==> flow/design.v <==
module subtractor #(
   parameter int DW = 4
) (
   input logic clk,
   input logic srst,
   input logic [DW-1:0] opa_i,
   input logic [DW-1:0] opb_i,
   input logic minus_i,
   output logic [DW-1:0] diff_o
);
   logic [DW-1:0] opa_d1;
   logic [DW-1:0] opb_d1;
   logic minus_d1;
   always_ff @(posedge clk) begin
      if (srst) begin
         opa_d1 <= '0;
         opb_d1 <= '0;
         minus_d1 <= 1'b0;
      end else begin
         opa_d1 <= opa_i;
         opb_d1 <= opb_i;
         minus_d1 <= minus_i;
      end
   end
   logic [DW-1:0] val;
   always_comb begin
      if (minus_d1)
         val = opa_d1 - opb_d1;
      else
         val = opa_d1 + opb_d1;
   end
   always_ff @(posedge clk) begin
      if (srst) begin
         diff_o <= '0;
      end else begin
         diff_o <= val;
      end
   end
endmodule
**From RTL to reports: subtractor**

The steps from the RTL of subtractor to its reports follow in flow order.
Lines are those of the file above, counted from 1.
Cell names lack the library's common part.
A cell with -- has no value.

- Top: subtractor
- Clock port: clk
- Library: sky130hd
- Corner: tt_025C_1v80

**After elaboration**

Counts by Yosys on the flattened word-level netlist (proc, flatten, opt, wreduce; memories kept). Register bits leave out memories and registers merged into their read ports (data or address); mux counts leave out enables and synchronous resets folded into registers. Print and check cells are left out. Cells with the same type and inputs are merged into one.

- Word-level cells: 7
- Output and inout bits: 4
- Flip-flop bits (word level): 13
- Input port bits: 11

- Multiplexer cells: 1
- Add/sub/neg operators: 2

Operators with widths:

| kind | number |
|---|---|
| 4-bit adder | 1 |
| 4-bit subtractor | 1 |
| 4-bit 2-to-1 mux | 1 |

**Longest topological paths**

Longest topological path by Yosys (ltp), each cell counted once; first at word level (registers and memories cut), then after technology mapping (sequential cells cut; the memories' decode and read muxes count).

- Word-level depth: 2
- ABC_AREA: 0
- Gate-level depth with buffers: 9
- Mapped depth without buffers: 9

**Netlist**

The flow's flattened synthesis, as Yosys stat reports it; memories are mapped. The netlist is that of the ABC_AREA named above (0 if unset); the other value can give another one.
Totals and module areas in this step are rounded.

- Chip area (Yosys): 531 µm²
- Buffer cells: 1
- Flip-flops: 13
- Area of sequential cells: 260 µm²
- Standard cells after synthesis: 50

Cells by type:

| cell type | number | total area (µm²) |
|---|---|---|
| dfxtp_1 | 13 | 260.25 |
| nor2b_1 | 10 | 62.56 |
| ha_1 | 4 | 50.048 |
| inv_1 | 6 | 22.522 |
| fa_1 | 1 | 20.019 |
| xnor2_1 | 2 | 17.517 |
| a2111oi_2 | 1 | 15.014 |
| nor2_1 | 4 | 15.014 |
| mux2_2 | 1 | 11.261 |
| or3_4 | 1 | 11.261 |
| o2111ai_1 | 1 | 8.758 |
| xor2_1 | 1 | 8.758 |
| o21a_1 | 1 | 7.507 |
| nand2b_1 | 1 | 6.256 |
| nor3_1 | 1 | 5.005 |
| o21ai_0 | 1 | 5.005 |
| clkbuf_1 | 1 | 3.754 |

**Worst setup path after synthesis**

OpenSTA on the mapped netlist: ideal clock, no wires. The path of least setup slack (recovery checks aside). Input and output delay are each 20% of the period. Register names are those of the netlist, which keeps one name where synthesis merged equal registers.

- Kind: reg2reg
- Start: register opb_d1[0]
- End: register diff_o[3]
- Path slack: 0.489 ns
- Stages on the path: 10
- Launch time at the first pin: 0.000 ns
- Delay of the path: 1.951 ns
- Required time: 2.379 ns
- Period: 2.44 ns
- Arrival time: 1.890 ns
- Setup time: 0.061 ns
- Buffers on the path: 0
- Synthesis period reached: 1.951 ns

"delay of the path" = arrival - input delay + setup time.
"stages on the path": output pins that drive a net of the path, with the launching flip-flop's if there is one; two outputs of one cell count as two.
"synthesis period reached" = period - worst setup slack (recovery checks aside). The figure is calculated, with input and output delays left at 20% of the set period.
Between the ends stands the longest chain of elaborated cells between them, by number of cells; it is not shown to be the way that was timed. Of several equally long chains one is given.
Each line given opens the expression or statement behind the cell; cells for indexed reads and writes are added by Yosys, which also makes memories of some case tables.

- Path through: dfxtp_1 > inv_1 > ha_1 > mux2_2 > inv_1 > ha_1 > nor2b_1 > o21a_1 > a2111oi_2 > nand2b_1
- Cells in the longest elaborated chain: 2
- Elaborated cells between the ends (all ways): 3
- Source lines of those cells: 3
- Those cells by class: 2 x add/sub; 1 x mux

Ends and longest elaborated chain, after synthesis:

| item | line | text |
|---|---|---|
| from (decl) | 12 | `logic [DW-1:0] opb_d1;` |
| from (assign) | 17 | `opb_d1 <= '0;` |
| from (assign) | 21 | `opb_d1 <= opb_i;` |
| 4-bit adder | 30 | `val = opa_d1 + opb_d1;` |
| 4-bit 2-to-1 mux | 27 | `if (minus_d1)` |
| to (assign) | 34 | `diff_o <= '0;` |
| to (assign) | 36 | `diff_o <= val;` |
| to (decl) | 9 | `output logic [DW-1:0] diff_o` |

**Timing after layout**

Path of least setup slack in the final report of run 1 (OpenROAD, finished layout, wires in). Where an end is a register, its clock arrival counts in the times.

- Kind: reg2reg
- Start: register opb_d1[0]
- End: register diff_o[3]
- Setup time: 0.05 ns
- Required time: 2.66 ns
- Launch time at the first pin: 0.27 ns
- Stages on the path: 10
- Arrival time: 2.28 ns
- Buffers on the path: 0
- Path slack: 0.38 ns
- Period: 2.44 ns

Between the ends stands the longest chain of elaborated cells between them, by number of cells; it is not shown to be the way that was timed. Of several equally long chains one is given.

- Path through: dfxtp_1 > inv_1 > ha_1 > mux2_2 > inv_1 > ha_1 > nor2b_1 > o21a_1 > a2111oi_2 > nand2b_1
- Cells in the longest elaborated chain: 2
- Elaborated cells between the ends (all ways): 3
- Source lines of those cells: 3
- Those cells by class: 2 x add/sub; 1 x mux

Ends and longest elaborated chain, after layout:

| item | line | text |
|---|---|---|
| from (decl) | 12 | `logic [DW-1:0] opb_d1;` |
| from (assign) | 17 | `opb_d1 <= '0;` |
| from (assign) | 21 | `opb_d1 <= opb_i;` |
| 4-bit adder | 30 | `val = opa_d1 + opb_d1;` |
| 4-bit 2-to-1 mux | 27 | `if (minus_d1)` |
| to (assign) | 34 | `diff_o <= '0;` |
| to (assign) | 36 | `diff_o <= val;` |
| to (decl) | 9 | `output logic [DW-1:0] diff_o` |

FLOW RESULTS
============

subtractor through Yosys and OpenROAD on sky130hd: 3 stored runs, unordered, with their settings and measured results. The constraints put input and output delay at 20% of the set period each and load the outputs with 0.01 pF.
"period reached": clock period set for the run, less the worst setup slack. It is reckoned from that one timing run; input and output delays stay at 20% of the period that was set.
By "critical path time" is meant the share of the clock period that the worst setup path is allowed (20% is reserved at inputs, 20% at outputs), minus its slack. Clock arrival times at its registers enter into it.
"total power of the final layout": no workload was simulated; the value follows from the tool's default switching activity.
Results are given in rounded form.

### Run 1

==> flow/run.sh <==
#!/bin/bash
# the make line also repeats the synthesis and layout settings of config.mk as NAME=value (left out here)
make -C /OpenROAD-flow-scripts/flow DESIGN_CONFIG=/design/flow/config.mk WORK_HOME=/design/flow/orfs CLKGATE_MAP_FILE= finish
==> flow/config.mk <==
export PLATFORM = sky130hd
export DESIGN_NAME = subtractor
export DESIGN_NICKNAME = subtractor
export VERILOG_FILES = /design/flow/design.v
export SDC_FILE = /design/flow/constraint.sdc
export NUM_CORES = 4
export LEC_CHECK = 0
export CAP_MARGIN = 20
export CORE_MARGIN = 2
export CORE_UTILIZATION = 40
export SLEW_MARGIN = 20
==> flow/constraint.sdc <==
create_clock -name core_clock -period 2.44 [get_ports {clk}]
set_input_delay 0.4880 -clock core_clock [delete_from_list [all_inputs] [get_ports {clk}]]
set_output_delay 0.4880 -clock core_clock [all_outputs]
set_load 0.01 [all_outputs]

Results of run 1:
- Total power of the final layout: 0.000459 W
- Die size: 1,630 µm²
- Post-route setup TNS: 0.000 ns
- Worst slack on setup checks: 0.379 ns
- Critical path time: 2.06 ns
- Worst path kind: reg2reg
- Area of the synthesized netlist: 531 µm²
- Standard-cell area of the final layout: 712 µm²
- Period reached: 2.061 ns
- Smallest hold slack: 0.545 ns

### Run 2

==> flow/run.sh <==
#!/bin/bash
# the make line also repeats the synthesis and layout settings of config.mk as NAME=value (left out here)
make -C /OpenROAD-flow-scripts/flow DESIGN_CONFIG=/design/flow/config.mk WORK_HOME=/design/flow/orfs CLKGATE_MAP_FILE= finish
==> flow/config.mk <==
export PLATFORM = sky130hd
export DESIGN_NAME = subtractor
export DESIGN_NICKNAME = subtractor
export VERILOG_FILES = /design/flow/design.v
export SDC_FILE = /design/flow/constraint.sdc
export NUM_CORES = 4
export LEC_CHECK = 0
export CAP_MARGIN = 20
export CORE_MARGIN = 2
export CORE_UTILIZATION = 48
export CTS_CLUSTER_DIAMETER = 127
export GPL_ROUTABILITY_DRIVEN = 1
export GPL_TIMING_DRIVEN = 1
export MAX_ROUTING_LAYER = met5
export MIN_ROUTING_LAYER = met1
export PLACE_DENSITY_LB_ADDON = 0.15
export SETUP_SLACK_MARGIN = -0.1
export SLEW_MARGIN = 20
==> flow/constraint.sdc <==
create_clock -name core_clock -period 1.79 [get_ports {clk}]
set_input_delay 0.3580 -clock core_clock [delete_from_list [all_inputs] [get_ports {clk}]]
set_output_delay 0.3580 -clock core_clock [all_outputs]
set_load 0.01 [all_outputs]

Results of run 2:
- Post-route setup TNS: -0.084 ns
- Standard-cell area of the final layout: 758 µm²
- Total power of the final layout: 0.000636 W
- Die size: 1,390 µm²
- Period reached: 1.874 ns
- Area of the synthesized netlist: 531 µm²
- Worst slack on setup checks: -0.084 ns
- Critical path time: 1.87 ns
- Worst path kind: reg2reg
- Smallest hold slack: 0.557 ns

### Run 3

==> flow/run.sh <==
#!/bin/bash
# the make line also repeats the synthesis and layout settings of config.mk as NAME=value (left out here)
make -C /OpenROAD-flow-scripts/flow DESIGN_CONFIG=/design/flow/config.mk WORK_HOME=/design/flow/orfs CLKGATE_MAP_FILE= finish
==> flow/config.mk <==
export PLATFORM = sky130hd
export DESIGN_NAME = subtractor
export DESIGN_NICKNAME = subtractor
export VERILOG_FILES = /design/flow/design.v
export SDC_FILE = /design/flow/constraint.sdc
export NUM_CORES = 4
export LEC_CHECK = 0
export CAP_MARGIN = 20
export CELL_PAD_IN_SITES_DETAIL_PLACEMENT = 2
export CELL_PAD_IN_SITES_GLOBAL_PLACEMENT = 3
export CORE_MARGIN = 2
export CORE_UTILIZATION = 44
export CTS_CLUSTER_DIAMETER = 138
export CTS_CLUSTER_SIZE = 93
export GPL_TIMING_DRIVEN = 0
export MAX_ROUTING_LAYER = met5
export SETUP_SLACK_MARGIN = -0.07
export SLEW_MARGIN = 20
==> flow/constraint.sdc <==
create_clock -name core_clock -period 1.87 [get_ports {clk}]
set_input_delay 0.3740 -clock core_clock [delete_from_list [all_inputs] [get_ports {clk}]]
set_output_delay 0.3740 -clock core_clock [all_outputs]
set_load 0.01 [all_outputs]

Outcome of run 3: unfinished; error GPL-0301 in placement
